==> flow/design.v <==
module mux #(
   parameter DATA_WIDTH = 6
) (
   input  wire aclk,
   input  wire en,
   input  wire [DATA_WIDTH-1:0] bus0,
   input  wire [DATA_WIDTH-1:0] bus1,
   input  wire [DATA_WIDTH-1:0] bus2,
   input  wire [DATA_WIDTH-1:0] bus3,
   input  wire [DATA_WIDTH-1:0] bus4,
   input  wire [DATA_WIDTH-1:0] bus5,
   input  wire [DATA_WIDTH-1:0] bus6,
   input  wire [DATA_WIDTH-1:0] bus7,
   input  wire [DATA_WIDTH-1:0] bus8,
   input  wire [DATA_WIDTH-1:0] bus9,
   input  wire [DATA_WIDTH-1:0] bus10,
   input  wire [DATA_WIDTH-1:0] bus11,
   input  wire [DATA_WIDTH-1:0] bus12,
   input  wire [DATA_WIDTH-1:0] bus13,
   input  wire [DATA_WIDTH-1:0] bus14,
   input  wire [DATA_WIDTH-1:0] bus15,
   input  wire [3:0] choose,
   output reg [DATA_WIDTH-1:0] data_out
);
   reg [DATA_WIDTH-1:0] bus0_s;
   reg [DATA_WIDTH-1:0] bus1_s;
   reg [DATA_WIDTH-1:0] bus2_s;
   reg [DATA_WIDTH-1:0] bus3_s;
   reg [DATA_WIDTH-1:0] bus4_s;
   reg [DATA_WIDTH-1:0] bus5_s;
   reg [DATA_WIDTH-1:0] bus6_s;
   reg [DATA_WIDTH-1:0] bus7_s;
   reg [DATA_WIDTH-1:0] bus8_s;
   reg [DATA_WIDTH-1:0] bus9_s;
   reg [DATA_WIDTH-1:0] bus10_s;
   reg [DATA_WIDTH-1:0] bus11_s;
   reg [DATA_WIDTH-1:0] bus12_s;
   reg [DATA_WIDTH-1:0] bus13_s;
   reg [DATA_WIDTH-1:0] bus14_s;
   reg [DATA_WIDTH-1:0] bus15_s;
   reg [3:0] choose_s;
   always @(posedge aclk) begin
      if (en) begin
         bus0_s <= bus0;
         bus1_s <= bus1;
         bus2_s <= bus2;
         bus3_s <= bus3;
         bus4_s <= bus4;
         bus5_s <= bus5;
         bus6_s <= bus6;
         bus7_s <= bus7;
         bus8_s <= bus8;
         bus9_s <= bus9;
         bus10_s <= bus10;
         bus11_s <= bus11;
         bus12_s <= bus12;
         bus13_s <= bus13;
         bus14_s <= bus14;
         bus15_s <= bus15;
         choose_s <= choose;
      end
   end
   reg [DATA_WIDTH-1:0] nxt;
   always @(*) begin
      if (choose_s == 0) nxt = bus0_s;
      else if (choose_s == 1) nxt = bus1_s;
      else if (choose_s == 2) nxt = bus2_s;
      else if (choose_s == 3) nxt = bus3_s;
      else if (choose_s == 4) nxt = bus4_s;
      else if (choose_s == 5) nxt = bus5_s;
      else if (choose_s == 6) nxt = bus6_s;
      else if (choose_s == 7) nxt = bus7_s;
      else if (choose_s == 8) nxt = bus8_s;
      else if (choose_s == 9) nxt = bus9_s;
      else if (choose_s == 10) nxt = bus10_s;
      else if (choose_s == 11) nxt = bus11_s;
      else if (choose_s == 12) nxt = bus12_s;
      else if (choose_s == 13) nxt = bus13_s;
      else if (choose_s == 14) nxt = bus14_s;
      else nxt = bus15_s;
   end
   always @(posedge aclk) begin
      if (en) begin
         data_out <= nxt;
      end
   end
endmodule
# Step by step through the tools: mux
# The steps from the RTL of mux to its reports follow in flow order.
# Line numbers count from 1 in the design file above.
# Operators: Yosys type, input widths -> output width; for muxes data width and select width s.
# Library cell names are shortened.
# Not given: -
dict set report design {
  top_module {mux}
  clock_port {aclk}
  cell_library {sky130hd}
  pvt_corner {tt_025C_1v80}
}

# After elaboration
# Yosys after proc, flatten, opt, wreduce and memory -nomap, before mapping. Enables and synchronous resets that opt folds into registers are not counted as muxes. Memory bits, and registers merged into a memory's read port (data or address), are not among the register bits. Print and check cells are not counted. Equal cells are merged and count once.
dict set report op_classes {
  eq_ne 14
  n_reduce_logical 1
  n_mux 15
}
# operator count
set op_table {}
lappend op_table {{$mux 6} 15}
lappend op_table {{$eq 4x4->1 const B} 7}
lappend op_table {{$eq 4x3->1 const B} 4}
lappend op_table {{$eq 4x2->1 const B} 2}
lappend op_table {{$eq 4x1->1 const B} 1}
lappend op_table {{$logic_not 4->1} 1}
dict set report word_totals {
  input_bits 102
  regBits 106
  wordCells 48
}

# Longest topological paths
# Depth = most cells in a row (Yosys ltp): at word level without a register or memory, in the mapped netlist without a sequential cell, where the memories' decode and read muxes count.
dict set report depth {
  depth_word 16
  abc_area 0
  depth_mapped 8
  depth_no_buf 5
}

# Synthesis result
# Source: synth_stat.txt of the flow (Yosys; design flattened, memories mapped). It holds for the ABC_AREA given above (unset counts as 0); a run with the other value may have another netlist.
# type count
set types {}
lappend types {edfxtp_1 106}
lappend types {mux4_2 6}
lappend types {mux2i_1 13}
lappend types {a21oi_1 20}
lappend types {buf_6 7}
lappend types {nor2_1 13}
lappend types {mux2_2 4}
lappend types {nand2_1 10}
lappend types {o32ai_1 4}
lappend types {nand2b_1 5}
lappend types {a21o_1 4}
lappend types {buf_2 6}
lappend types {buf_4 4}
lappend types {o21ai_0 6}
lappend types {mux4_1 1}
lappend types {o221ai_1 3}
lappend types {a211oi_2 2}
lappend types {nand4_1 4}
# Other cell types: 33; their cells: 60.
dict set report synth_totals {
  buf_cells 20
  seq_area_um2 3183.1
  stdcells 278
  flip_flops 106
  yosys_area_um2 4478.0
}

# Path before layout
# Source: OpenSTA report_checks on the synthesized netlist (no wires, ideal clock, input and output delay 20% of the period each), path of least setup slack; recovery checks are left aside. Register names are those of the netlist, which keeps one name where synthesis merged equal registers.
dict set report synth_timing {
  path_kind {register to register}
  start {register (name not given)}
  end {register data_out[0]}
  stages 7
  n_path_buf 1
  setup_slack_ps 416
  tclk_ps 2100
  setup_ps 273
  t_arrival_ps 1410
  path_delay_ps 1683
  period_less_setup_slack_ps 1684
}
# "path_delay_ps" = arrival - input delay + setup time.
# "stages" counts driving pins, that of a launching flip-flop among them; a cell with two outputs on the path counts twice.
# "period_less_setup_slack_ps" = period - worst setup slack (recovery checks aside). The figure is calculated, with input and output delays left at 20% of the set period.
# The rows between start and end are the longest chain of elaborated cells between them; the timing report does not say that the signal goes this way. Where chains are equally long, one stands for them.
# Each line given opens the expression or statement behind the cell; cells for indexed reads and writes are added by Yosys, which also makes memories of some case tables.
dict set report synth_between {
  cell_sequence {edfxtp_1 buf_2 and2_4 a221o_1 o221a_1 a21oi_1 o32ai_1}
  elab_chain_cells 16
  cone_cells 30
  cone_classes {14 x eq/ne; 15 x mux; 1 x reduce/logical}
}
# element line
set synth_lines {}
lappend synth_lines {{start: declaration} 41}
lappend synth_lines {{start: assignment} 60}
lappend synth_lines {{$eq 4x4->1} 79}
lappend synth_lines {{$mux 6} 79}
lappend synth_lines {{$mux 6} 78}
lappend synth_lines {{$mux 6} 77}
lappend synth_lines {{$mux 6} 76}
lappend synth_lines {{$mux 6} 75}
lappend synth_lines {{$mux 6} 74}
lappend synth_lines {{(+2 left out)} -}
lappend synth_lines {{$mux 6} 71}
lappend synth_lines {{$mux 6} 70}
lappend synth_lines {{$mux 6} 69}
lappend synth_lines {{$mux 6} 68}
lappend synth_lines {{$mux 6} 67}
lappend synth_lines {{$mux 6} 66}
lappend synth_lines {{$mux 6} 65}
lappend synth_lines {{end: assignment} 84} ;# data_out <= nxt;
lappend synth_lines {{end: declaration} 23} ;# output reg [DATA_WIDTH-1:0] data_out

# Worst path after layout
# From the final timing report of run 1: the path of least setup slack in the routed layout; clock arrival at registers is part of the times.
# The path's times are printed in steps of 10 ps; the period is the one set.
dict set report layout_timing {
  path_kind {register to register}
  start {register (name not given)}
  end {register data_out[3]}
  tclk_ps 2100
  n_path_buf 0
  t_arrival_ps 2100
  stages 5
  setup_ps 250
  setup_slack_ps 120
}
# The rows between start and end are the longest chain of elaborated cells between them; the timing report does not say that the signal goes this way. Where chains are equally long, one stands for them.
dict set report layout_between {
  cell_sequence {edfxtp_1 and2_4 a21o_1 a2111oi_0 o32ai_1}
  elab_chain_cells 16
  cone_cells 30
  cone_classes {14 x eq/ne; 15 x mux; 1 x reduce/logical}
}
# element line
set layout_lines {}
lappend layout_lines {{start: declaration} 41}
lappend layout_lines {{start: assignment} 60}
lappend layout_lines {{$eq 4x4->1} 79}
lappend layout_lines {{$mux 6} 79}
lappend layout_lines {{$mux 6} 78}
lappend layout_lines {{$mux 6} 77}
lappend layout_lines {{$mux 6} 76}
lappend layout_lines {{$mux 6} 75}
lappend layout_lines {{$mux 6} 74}
lappend layout_lines {{(+2 left out)} -}
lappend layout_lines {{$mux 6} 71}
lappend layout_lines {{$mux 6} 70}
lappend layout_lines {{$mux 6} 69}
lappend layout_lines {{$mux 6} 68}
lappend layout_lines {{$mux 6} 67}
lappend layout_lines {{$mux 6} 66}
lappend layout_lines {{$mux 6} 65}
lappend layout_lines {{end: assignment} 84} ;# data_out <= nxt;
lappend layout_lines {{end: declaration} 23} ;# output reg [DATA_WIDTH-1:0] data_out

; Below are 3 stored runs of the flow (Yosys, OpenROAD; platform sky130hd) on mux, each with its settings and what was measured, unordered. Constraints: input delay and output delay 20% of the set period each, output load 0.01 pF.
; "timing.achieved_period_ps" is the run's clock period less its worst setup slack. It is reckoned from that one timing run; input and output delays stay at 20% of the period that was set.
; By "worst_setup_path_time_ps" is meant the share of the clock period that the worst setup path is allowed (20% is reserved at inputs, 20% at outputs), minus its slack. Clock arrival times at its registers enter into it.
; "design_power_mw" rests on the timing tool's default activity at the inputs, not on a simulated workload.
; "worst_setup_path_time_ps" is given in steps of 10 ps.

[run 1: settings]
period_ns = 2.1
CAP_MARGIN = 20
CORE_MARGIN = 2
CORE_UTILIZATION = 40
SLEW_MARGIN = 20
[run 1: results]
yosys_chip_area_um2 = 4478.0
final_die_area_um2 = 12057.1
finalCellArea_um2 = 5890.6
post_route_util_pct = 54.1
setup_worst_slack_ps = 120
tns_setup_ps = 0
hold_worst_slack_ps = 587
design_power_mw = 4.446
timing.achieved_period_ps = 1980
worst_setup_path_time_ps = 1980
critical_path_kind = register to register

[run 2: settings]
period_ns = 1.88
CORE_UTILIZATION = 36
SETUP_SLACK_MARGIN = 0.53
PLACE_DENSITY_LB_ADDON = 0.07
CORE_MARGIN = 3
CELL_PAD_IN_SITES_GLOBAL_PLACEMENT = 3
ABC_AREA = 1
CTS_CLUSTER_SIZE = 11
CTS_CLUSTER_DIAMETER = 398
CAP_MARGIN = 40
SLEW_MARGIN = 20
MIN_ROUTING_LAYER = met2
[run 2: results]
yosys_chip_area_um2 = 4381.7
final_die_area_um2 = 13531.5
finalCellArea_um2 = 6352.3
post_route_util_pct = 54.5
setup_worst_slack_ps = -568
tns_setup_ps = -2845
hold_worst_slack_ps = 441
design_power_mw = 5.876
timing.achieved_period_ps = 2448
worst_setup_path_time_ps = 2450
critical_path_kind = register to register

[run 3: settings]
period_ns = 1.74
CORE_UTILIZATION = 67
SETUP_SLACK_MARGIN = -0.04
PLACE_DENSITY_LB_ADDON = 0.3
CELL_PAD_IN_SITES_DETAIL_PLACEMENT = 0
GPL_TIMING_DRIVEN = 0
CTS_CLUSTER_SIZE = 72
MAX_ROUTING_LAYER = met5
CAP_MARGIN = 20
CORE_MARGIN = 2
SLEW_MARGIN = 20
[run 3: results]
yosys_chip_area_um2 = 4478.0
final_die_area_um2 = 7353.9
finalCellArea_um2 = 6177.2
post_route_util_pct = 96.2
setup_worst_slack_ps = -596
tns_setup_ps = -2642
hold_worst_slack_ps = 390
design_power_mw = 5.935
timing.achieved_period_ps = 2336
worst_setup_path_time_ps = 2340
critical_path_kind = register to register
